==> flow/design.v <==
module gen_mul #(
    parameter integer NBITS = 10
) (
    input wire core_clk,
    input wire RSTN,
    input wire [NBITS-1:0] rs1,
    input wire [NBITS-1:0] rs2,
    output wire [2*NBITS-1:0] result
);
    reg [NBITS-1:0] rs1_reg;
    reg [NBITS-1:0] rs2_reg;
    always @(posedge core_clk) begin
        if (~RSTN) begin
            rs1_reg <= 0;
            rs2_reg <= 0;
        end else begin
            rs1_reg <= rs1;
            rs2_reg <= rs2;
        end
    end
    localparam HALF = NBITS / 2;
    wire [NBITS-1:0] ll;
    mul_part #(.N(HALF)) unit (.a(rs1_reg[HALF-1:0]), .b(rs2_reg[HALF-1:0]), .p(ll));
    wire [NBITS-1:0] lh;
    mul_part #(.N(HALF)) u0 (.a(rs1_reg[HALF-1:0]), .b(rs2_reg[NBITS-1:HALF]), .p(lh));
    wire [NBITS-1:0] hl;
    mul_part #(.N(HALF)) u (.a(rs1_reg[NBITS-1:HALF]), .b(rs2_reg[HALF-1:0]), .p(hl));
    wire [NBITS-1:0] hh;
    mul_part #(.N(HALF)) inst (.a(rs1_reg[NBITS-1:HALF]), .b(rs2_reg[NBITS-1:HALF]), .p(hh));
    wire [NBITS:0] part;
    assign part = lh + hl;
    assign result = {hh, ll} + {part, {HALF{1'b0}}};
endmodule
module mul_part #(parameter N = 4) (
    input wire [N-1:0] a,
    input wire [N-1:0] b,
    output wire [2*N-1:0] p
);
    assign p = a * b;
endmodule
* From RTL to reports: gen_mul *
The steps from the RTL of gen_mul to its reports follow in flow order.
Line numbers count from 1 in the design file above.
Operators carry their Yosys type and port widths (W data, S select, Z words).
Library cell names are shortened.
Not given: --

design
  design top = gen_mul
  clock = core_clk
  cell library = sky130hd
  library corner = tt_025C_1v80

* Word-level counts *
Source: Yosys, flattened and elaborated, memories not mapped. Widths are those after wreduce; folded enables and synchronous resets count as part of the registers. Registers that Yosys merges into a memory's read port (data or address) are not register bits. Print and check cells do not count. Equal cells are merged and count once.

storage and ports
  input bits = 22
  cells after elaboration = 8
  flip-flop bits (word level) = 20

cells by class
  add/sub/neg operators = 2
  multipliers = 4

operator list
  cell              number
  $mul A5 B5 Y10    4
  $add A20 B16 Y20  1
  $add A10 B10 Y11  1

* Longest topological paths *
Yosys ltp: most cells in a row. Word level: on the elaborated netlist, between registers, memories and ports. Mapped: between sequential cells and ports; inverters and the memories' decode and read muxes count.

depth
  depth after elaboration = 3
  ABC_AREA = 0
  mapped depth = 25
  gate-level depth less buffers = 24

* Mapped cells and area *
The flow's flattened synthesis, as Yosys stat reports it; memories are mapped. The netlist is that of the ABC_AREA named above (0 if unset); the other value can give another one.

cells by type
  cell type  number  total area (um2)
  fa_1       50      1000.96
  ha_1       79      988.448
  and2_1     81      506.736
  dfxtp_1    20      400.384
  inv_1      81      304.042
  nand2_1    43      161.405
  xnor2_1    17      148.893
  xor2_1     8       70.067
  a21oi_1    12      60.058
  clkbuf_1   13      48.797
  o21ai_0    9       45.043
  nor2_1     11      41.29
  a21o_1     5       37.536
  o21a_1     5       37.536
  nor2b_1    5       31.28
  nand3b_1   4       30.029
  o21ai_1    6       30.029
  a21oi_2    3       26.275

Other cell types: 26; their cells: 37.

mapped netlist
  cell count = 489
  area of sequential cells = 400.4 um2
  mapped flip-flops = 20
  mapped area = 4289.1 um2

The figures by module come from a second, unflattened synthesis with its own total; it is not the netlist above.

second synthesis, totals
  cells (unflattened synthesis) = 527
  area (unflattened synthesis) = 4610.7 um2

Rows give one instance, submodules left out.

modules
  module          cells  area (um2)  times used
  mul_part (N=5)  91     785.8       4
  gen_mul         163    1467.7      1

* Worst setup path after synthesis *
Path of least setup slack by OpenSTA after synthesis, without wires, with an ideal clock, recovery checks aside; 20% of the period is set as input and as output delay. Where synthesis merged equal registers, the netlist keeps one of their names.

path after synthesis
  kind = reg2out
  from = register rs2_reg[8]
  to = output result[19]
  output delay = 1.762 ns
  data required time = 7.048 ns
  arrival time = 5.638 ns
  clock period = 8.81 ns
  stages = 24
  setup slack = 1.410 ns
  path delay = 5.638 ns
  path buffers = 1
  synthesis period reached = 7.4 ns

"path delay" = arrival - input delay + setup time.
A path that ends at an output port has no setup time.
"stages" counts driving pins, that of a launching flip-flop among them; a cell with two outputs on the path counts twice.
"synthesis period reached" is the clock period less the worst setup slack; recovery checks do not enter. This is arithmetic on one report: input and output delays are still those of the set period (20% each).
Between the ends stands the longest chain of elaborated cells between them, by number of cells; it is not shown to be the way that was timed. Of several equally long chains one is given.
A line is the first line of the expression or statement that the cell stems from. Yosys adds cells for indexed reads and writes and turns some case tables into memories.

between the ends, after synthesis
  cell sequence = dfxtp_1 clkbuf_1 nand2_1 fa_1 inv_1 fa_1 inv_1 fa_1 fa_1 inv_1 fa_1 ha_1 a21oi_1 o211ai_1 a31o_1 a21oi_1 xor2_1 ha_1 nand4_1 inv_1 o211a_1 o21ai_1 nor3_1 xor3_1
  length of the longest elaborated chain = 3

ends and longest elaborated chain, after synthesis
  element           line  source
  start, declared   11    reg [NBITS-1:0] rs2_reg;
  start, assigned   15    rs2_reg <= 0;
  start, assigned   18    rs2_reg <= rs2;
  $mul A5 B5 Y10    39    assign p = a * b;
  $add A10 B10 Y11  31    assign part = lh + hl;
  $add A20 B16 Y20  32    assign result = {hh, ll} + {part, {HALF{1'b0}}};
  end, declared     8     output wire [2*NBITS-1:0] result

* Worst path after layout *
Path of least setup slack in the final report of stored run 1 (OpenROAD, finished layout, wires in). Where an end is a register, its clock arrival counts in the times.

path after layout
  kind = reg2out
  from = register rs2_reg[6]
  to = output result[19]
  data required time = 7.05 ns
  setup slack = 0.40 ns
  arrival time = 6.65 ns
  output delay = 1.76 ns
  clock period = 8.81 ns
  stages = 24
  path buffers = 1

Between the ends stands the longest chain of elaborated cells between them, by number of cells; it is not shown to be the way that was timed. Of several equally long chains one is given.

between the ends, after layout
  cell sequence = dfxtp_1 nand2_1 fa_1 inv_1 fa_1 inv_1 fa_1 fa_1 inv_1 fa_1 ha_1 a21oi_1 o211ai_1 a31o_1 a21oi_1 xor2_1 ha_1 nand4_1 inv_1 o211a_1 o21ai_1 nor3_1 xor3_1 clkdlybuf4s50_1
  length of the longest elaborated chain = 3

ends and longest elaborated chain, after layout
  element           line  source
  start, declared   11    reg [NBITS-1:0] rs2_reg;
  start, assigned   15    rs2_reg <= 0;
  start, assigned   18    rs2_reg <= rs2;
  $mul A5 B5 Y10    39    assign p = a * b;
  $add A10 B10 Y11  31    assign part = lh + hl;
  $add A20 B16 Y20  32    assign result = {hh, ll} + {part, {HALF{1'b0}}};
  end, declared     8     output wire [2*NBITS-1:0] result

Below are 3 stored runs of the flow (Yosys, OpenROAD; platform sky130hd) on gen_mul, each with its settings and what was measured, unordered. Constraints: input delay and output delay 20% of the set period each, output load 0.01 pF.
"achieved clock period (ns)" means the clock period less the worst setup slack. The figure is calculated, with input and output delays left at 20% of the set period.
"worst setup path time (ns)": the worst setup path's part of the clock period (all of it between registers, 20% less for each end at a port) less its slack. A launch clock that arrives late makes it longer, a capture clock that arrives late makes it shorter.
By "finish__power__total" is meant OpenSTA's value without simulated activity: inputs other than the clock are taken to toggle once in ten clock periods, and the tool carries that through the logic.

settings of stored run 1
{
  "period_ns": 8.81,
  "CAP_MARGIN": 20,
  "CORE_MARGIN": 2,
  "CORE_UTILIZATION": 40,
  "SLEW_MARGIN": 20
}
report of stored run 1
yosys chip area after synthesis (um^2): 4289.1
finish__design__die__area: 11567.0
finish__design__instance__area__stdcell: 4923.5
finish__design__instance__utilization: 0.4748
finish__timing__setup__ws: 0.397
finish__timing__setup__tns: 0.000
finish__timing__hold__ws: 2.063
finish__power__total: 4.187e-04
achieved clock period (ns): 8.413
worst setup path time (ns): 6.65
worst setup path kind: reg2out

settings of stored run 2
{
  "period_ns": 10.9,
  "CORE_UTILIZATION": 31,
  "SETUP_SLACK_MARGIN": -0.43,
  "PLACE_DENSITY_LB_ADDON": 0.23,
  "CORE_ASPECT_RATIO": 1.02,
  "CORE_MARGIN": 8,
  "CELL_PAD_IN_SITES_DETAIL_PLACEMENT": 2,
  "TNS_END_PERCENT": 5,
  "GPL_TIMING_DRIVEN": 0,
  "CTS_CLUSTER_DIAMETER": 172,
  "MIN_ROUTING_LAYER": "met2",
  "MAX_ROUTING_LAYER": "met4",
  "CAP_MARGIN": 20,
  "SLEW_MARGIN": 20
}
report of stored run 2
yosys chip area after synthesis (um^2): 4289.1
finish__design__die__area: 17855.6
finish__design__instance__area__stdcell: 5019.8
finish__design__instance__utilization: 0.3702
finish__timing__setup__ws: 1.156
finish__timing__setup__tns: 0.000
finish__timing__hold__ws: 2.316
finish__power__total: 3.791e-04
achieved clock period (ns): 9.744
worst setup path time (ns): 7.56
worst setup path kind: reg2out

settings of stored run 3
{
  "period_ns": 9.89,
  "CORE_UTILIZATION": 22,
  "PLACE_DENSITY_LB_ADDON": 0.17,
  "CORE_MARGIN": 5,
  "TNS_END_PERCENT": 85,
  "GPL_TIMING_DRIVEN": 1,
  "SLEW_MARGIN": 25,
  "CAP_MARGIN": 20
}
report of stored run 3
yosys chip area after synthesis (um^2): 4289.1
finish__design__die__area: 22387.6
finish__design__instance__area__stdcell: 5071.1
finish__design__instance__utilization: 0.2623
finish__timing__setup__ws: 1.088
finish__timing__setup__tns: 0.000
finish__timing__hold__ws: 2.297
finish__power__total: 3.845e-04
achieved clock period (ns): 8.802
worst setup path time (ns): 6.82
worst setup path kind: reg2out
